==> flow/design.v <==
module gen_comparator #(
   parameter W = 16
) (
   input  wire i_clk,
   input  wire [W-1:0] lhs_in,
   input  wire [W-1:0] rhs_in,
   input  wire [W-1:0] extra_in,
   output reg [W-1:0] result_out
);
   always @(posedge i_clk) begin
      result_out <= (lhs_in < rhs_in) ? rhs_in : (lhs_in > extra_in) ? extra_in : lhs_in;
   end
endmodule
# Step by step through the tools: gen_comparator
# Tool output for the design above, in the order of the flow.
# Lines are those of the file above, counted from 1.
# Not given: -
[setup] top="gen_comparator" clock_port="i_clk" cell_library="sky130hd" pvt_corner="tt_025C_1v80"

# After elaboration
# Yosys after proc, flatten, opt, wreduce and memory -nomap, before mapping. Enables and synchronous resets that opt folds into registers are not counted as muxes. Memory bits, and registers merged into a memory's read port (data or address), are not among the register bits. Print and check cells are not counted. Equal cells are merged and count once.
[op_classes] compare=2 n_mux=2
[op_table] cell="two-way mux 16 bit" count=2
[op_table] cell="> comparator 16 bit" count=1
[op_table] cell="less-than comparator 16 bit" count=1
[bits] reg_bits=16 in_bits=49 out_inout_bits=16 word_cells=5

# Longest topological paths
# Longest topological path by Yosys (ltp), each cell counted once; first at word level (registers and memories cut), then after technology mapping (sequential cells cut; the memories' decode and read muxes count).
[depth] ltp_word=3 abc_area=0 mapped_depth=9 mapped_depth_nobuf=8

# Netlist
# The flow's flattened synthesis, as Yosys stat reports it; memories are mapped. The netlist is that of the ABC_AREA named above (0 if unset); the other value can give another one.
[types] cell_type="sky130_fd_sc_hd__ha_1" count=31
[types] cell_type="sky130_fd_sc_hd__dfxtp_1" count=16
[types] cell_type="sky130_fd_sc_hd__mux2i_1" count=32
[types] cell_type="sky130_fd_sc_hd__inv_1" count=32
[types] cell_type="sky130_fd_sc_hd__a21oi_1" count=13
[types] cell_type="sky130_fd_sc_hd__nand2_1" count=7
[types] cell_type="sky130_fd_sc_hd__nand3_1" count=5
[types] cell_type="sky130_fd_sc_hd__nand4_1" count=4
[types] cell_type="sky130_fd_sc_hd__o31ai_4" count=1
[types] cell_type="sky130_fd_sc_hd__o21ai_0" count=4
[types] cell_type="sky130_fd_sc_hd__a21o_1" count=2
[types] cell_type="sky130_fd_sc_hd__buf_8" count=1
[types] cell_type="sky130_fd_sc_hd__nor4_1" count=2
[types] cell_type="sky130_fd_sc_hd__a21boi_2" count=1
[types] cell_type="sky130_fd_sc_hd__nor2_1" count=3
[types] cell_type="sky130_fd_sc_hd__a221o_1" count=1
[types] cell_type="sky130_fd_sc_hd__and4_2" count=1
[types] cell_type="sky130_fd_sc_hd__a21oi_2" count=1
# Other cell types: 4; their cells: 4.
[synth_totals] cell_count=161 synth_area_um2=1448.9 seq_area_um2=320.3 ff_cells=16 n_buf=2

# Worst setup path after synthesis
# OpenSTA on the mapped netlist: ideal clock, no wires. The path of least setup slack (recovery checks aside). Input and output delay are each 20% of the period. Register names are those of the netlist, which keeps one name where synthesis merged equal registers.
[synth_path] kind="input to register" from="input extra_in[7]" to="register result_out[10]" clock_period_ns=2.88 input_delay_ns=0.576 arrival_time_ns=2.294 setup_slack_ns=0.459 delay_ns=1.844 driving_pins=9 n_path_buf=1 period_less_setup_slack_ns=2.421
# "delay_ns" = arrival - input delay + setup time.
# "driving_pins": output pins that drive a net of the path, with the launching flip-flop's if there is one; two outputs of one cell count as two.
# "period_less_setup_slack_ns" = period - worst setup slack (recovery checks aside). The figure is calculated, with input and output delays left at 20% of the set period.
# Between the ends stands the longest chain of elaborated cells between them, by number of cells; it is not shown to be the way that was timed. Of several equally long chains one is given.
# Each line given opens the expression or statement behind the cell; cells for indexed reads and writes are added by Yosys, which also makes memories of some case tables.
[synth_via] cell_sequence="sky130_fd_sc_hd__inv_1 -> sky130_fd_sc_hd__ha_1 -> sky130_fd_sc_hd__a21oi_2 -> sky130_fd_sc_hd__o21ai_1 -> sky130_fd_sc_hd__a221o_1 -> sky130_fd_sc_hd__o31ai_4 -> sky130_fd_sc_hd__buf_8 -> sky130_fd_sc_hd__mux2i_1 -> sky130_fd_sc_hd__mux2i_1" elab_chain_cells=3 cone_cells=3 cone_lines=1
[synth_rtl] element="from (decl)" line=7 source="input  wire [W-1:0] extra_in,"
[synth_rtl] element="> comparator 16 bit" line=11 source="result_out <= (lhs_in < rhs_in) ? rhs_in : (lhs_in > extra_in) ? extra_in : lhs_in;"
[synth_rtl] element="two-way mux 16 bit (2 in a row)" line=11
[synth_rtl] element="to (assign)" line=11
[synth_rtl] element="to (decl)" line=8 source="output reg [W-1:0] result_out"

# Timing after layout
# Path of least setup slack in the final report of stored run 2 (OpenROAD, finished layout, wires in). Where an end is a register, its clock arrival counts in the times.
[layout_path] kind="input to register" from="input extra_in[14]" to="register result_out[6]" clock_period_ns=2.88 input_delay_ns=0.58 arrival_time_ns=2.75 setup_slack_ns=0.30 driving_pins=10 n_path_buf=2
# Between the ends stands the longest chain of elaborated cells between them, by number of cells; it is not shown to be the way that was timed. Of several equally long chains one is given.
[layout_via] cell_sequence="sky130_fd_sc_hd__clkdlybuf4s50_1 -> sky130_fd_sc_hd__inv_1 -> sky130_fd_sc_hd__ha_1 -> sky130_fd_sc_hd__nand4_1 -> sky130_fd_sc_hd__nor4_1 -> sky130_fd_sc_hd__a21boi_2 -> sky130_fd_sc_hd__o31ai_4 -> sky130_fd_sc_hd__buf_4 -> sky130_fd_sc_hd__mux2i_1 -> sky130_fd_sc_hd__mux2i_1" elab_chain_cells=3 cone_cells=3 cone_lines=1
[layout_rtl] element="from (decl)" line=7 source="input  wire [W-1:0] extra_in,"
[layout_rtl] element="> comparator 16 bit" line=11 source="result_out <= (lhs_in < rhs_in) ? rhs_in : (lhs_in > extra_in) ? extra_in : lhs_in;"
[layout_rtl] element="two-way mux 16 bit (2 in a row)" line=11
[layout_rtl] element="to (assign)" line=11
[layout_rtl] element="to (decl)" line=8 source="output reg [W-1:0] result_out"

## Implementation results

3 stored runs of gen_comparator in the flow (synthesis by Yosys, layout by OpenROAD, sky130hd cells), in arbitrary order. Constraints: input delay and output delay 20% of the set period each, output load 0.01 pF.
By "period_less_ws_ns" is meant the clock period of the run minus its worst setup slack. This is arithmetic on one report: input and output delays are still those of the set period (20% each).
"worst_setup_path_time_ns" means the part of the period allowed to the worst setup path (the constraints hold back 20% at inputs and 20% at outputs) less its slack; where the path has registers, the arrival times of their clocks count too.
"fin_power_mw": no workload was simulated; the value follows from the tool's default switching activity.

[flow] stored run 1: files
==> flow/run.sh <==
#!/bin/bash
# the make line also repeats the synthesis and layout settings of config.mk as NAME=value (left out here)
make -C /OpenROAD-flow-scripts/flow DESIGN_CONFIG=/design/flow/config.mk WORK_HOME=/design/flow/orfs CLKGATE_MAP_FILE= finish
==> flow/config.mk <==
export PLATFORM = sky130hd
export DESIGN_NAME = gen_comparator
export DESIGN_NICKNAME = gen_comparator
export VERILOG_FILES = /design/flow/design.v
export SDC_FILE = /design/flow/constraint.sdc
export NUM_CORES = 4
export LEC_CHECK = 0
export CAP_MARGIN = 10
export CELL_PAD_IN_SITES_DETAIL_PLACEMENT = 0
export CORE_MARGIN = 2
export CORE_UTILIZATION = 60
export CTS_CLUSTER_DIAMETER = 120
export CTS_CLUSTER_SIZE = 41
export GPL_ROUTABILITY_DRIVEN = 0
export PLACE_DENSITY_LB_ADDON = 0.0
export SETUP_SLACK_MARGIN = 0.52
export SLEW_MARGIN = 5
export TNS_END_PERCENT = 45
==> flow/constraint.sdc <==
create_clock -name core_clock -period 4.53 [get_ports {i_clk}]
set_input_delay 0.9060 -clock core_clock [delete_from_list [all_inputs] [get_ports {i_clk}]]
set_output_delay 0.9060 -clock core_clock [all_outputs]
set_load 0.01 [all_outputs]

[flow] stored run 1: did not finish, placement stopped with FLW-0024

[flow] stored run 2: files
==> flow/run.sh <==
#!/bin/bash
# the make line also repeats the synthesis and layout settings of config.mk as NAME=value (left out here)
make -C /OpenROAD-flow-scripts/flow DESIGN_CONFIG=/design/flow/config.mk WORK_HOME=/design/flow/orfs CLKGATE_MAP_FILE= finish
==> flow/config.mk <==
export PLATFORM = sky130hd
export DESIGN_NAME = gen_comparator
export DESIGN_NICKNAME = gen_comparator
export VERILOG_FILES = /design/flow/design.v
export SDC_FILE = /design/flow/constraint.sdc
export NUM_CORES = 4
export LEC_CHECK = 0
export CAP_MARGIN = 20
export CORE_MARGIN = 2
export CORE_UTILIZATION = 40
export SLEW_MARGIN = 20
==> flow/constraint.sdc <==
create_clock -name core_clock -period 2.88 [get_ports {i_clk}]
set_input_delay 0.5760 -clock core_clock [delete_from_list [all_inputs] [get_ports {i_clk}]]
set_output_delay 0.5760 -clock core_clock [all_outputs]
set_load 0.01 [all_outputs]

[flow] stored run 2: metrics
[metrics] synthesis_area_um2 = 1448.9
[metrics] die_footprint_um2 = 4119.7
[metrics] cell_area_final_um2 = 2192.1
[metrics] finish.utilization_frac = 0.642
[metrics] worst_setup_slack_ns = 0.303
[metrics] final_setup_tns_ns = 0.000
[metrics] hold_worst_slack_ns = 0.847
[metrics] fin_power_mw = 0.7322
[metrics] period_less_ws_ns = 2.577
[metrics] worst_setup_path_time_ns = 2.00
[metrics] worst_setup_path_type = input to register

[flow] stored run 3: files
==> flow/run.sh <==
#!/bin/bash
# the make line also repeats the synthesis and layout settings of config.mk as NAME=value (left out here)
make -C /OpenROAD-flow-scripts/flow DESIGN_CONFIG=/design/flow/config.mk WORK_HOME=/design/flow/orfs CLKGATE_MAP_FILE= finish
==> flow/config.mk <==
export PLATFORM = sky130hd
export DESIGN_NAME = gen_comparator
export DESIGN_NICKNAME = gen_comparator
export VERILOG_FILES = /design/flow/design.v
export SDC_FILE = /design/flow/constraint.sdc
export NUM_CORES = 4
export LEC_CHECK = 0
export CAP_MARGIN = 20
export CORE_MARGIN = 10
export CORE_UTILIZATION = 47
export GPL_TIMING_DRIVEN = 1
export MIN_ROUTING_LAYER = met1
export PLACE_DENSITY = 0.37
export SLEW_MARGIN = 10
export TNS_END_PERCENT = 40
==> flow/constraint.sdc <==
create_clock -name core_clock -period 4.52 [get_ports {i_clk}]
set_input_delay 0.9040 -clock core_clock [delete_from_list [all_inputs] [get_ports {i_clk}]]
set_output_delay 0.9040 -clock core_clock [all_outputs]
set_load 0.01 [all_outputs]

[flow] stored run 3: metrics
[metrics] synthesis_area_um2 = 1448.9
[metrics] die_footprint_um2 = 5703.3
[metrics] cell_area_final_um2 = 2169.6
[metrics] finish.utilization_frac = 0.722
[metrics] worst_setup_slack_ns = 1.406
[metrics] final_setup_tns_ns = 0.000
[metrics] hold_worst_slack_ns = 1.156
[metrics] fin_power_mw = 0.4906
[metrics] period_less_ws_ns = 3.114
[metrics] worst_setup_path_time_ns = 2.21
[metrics] worst_setup_path_type = input to register
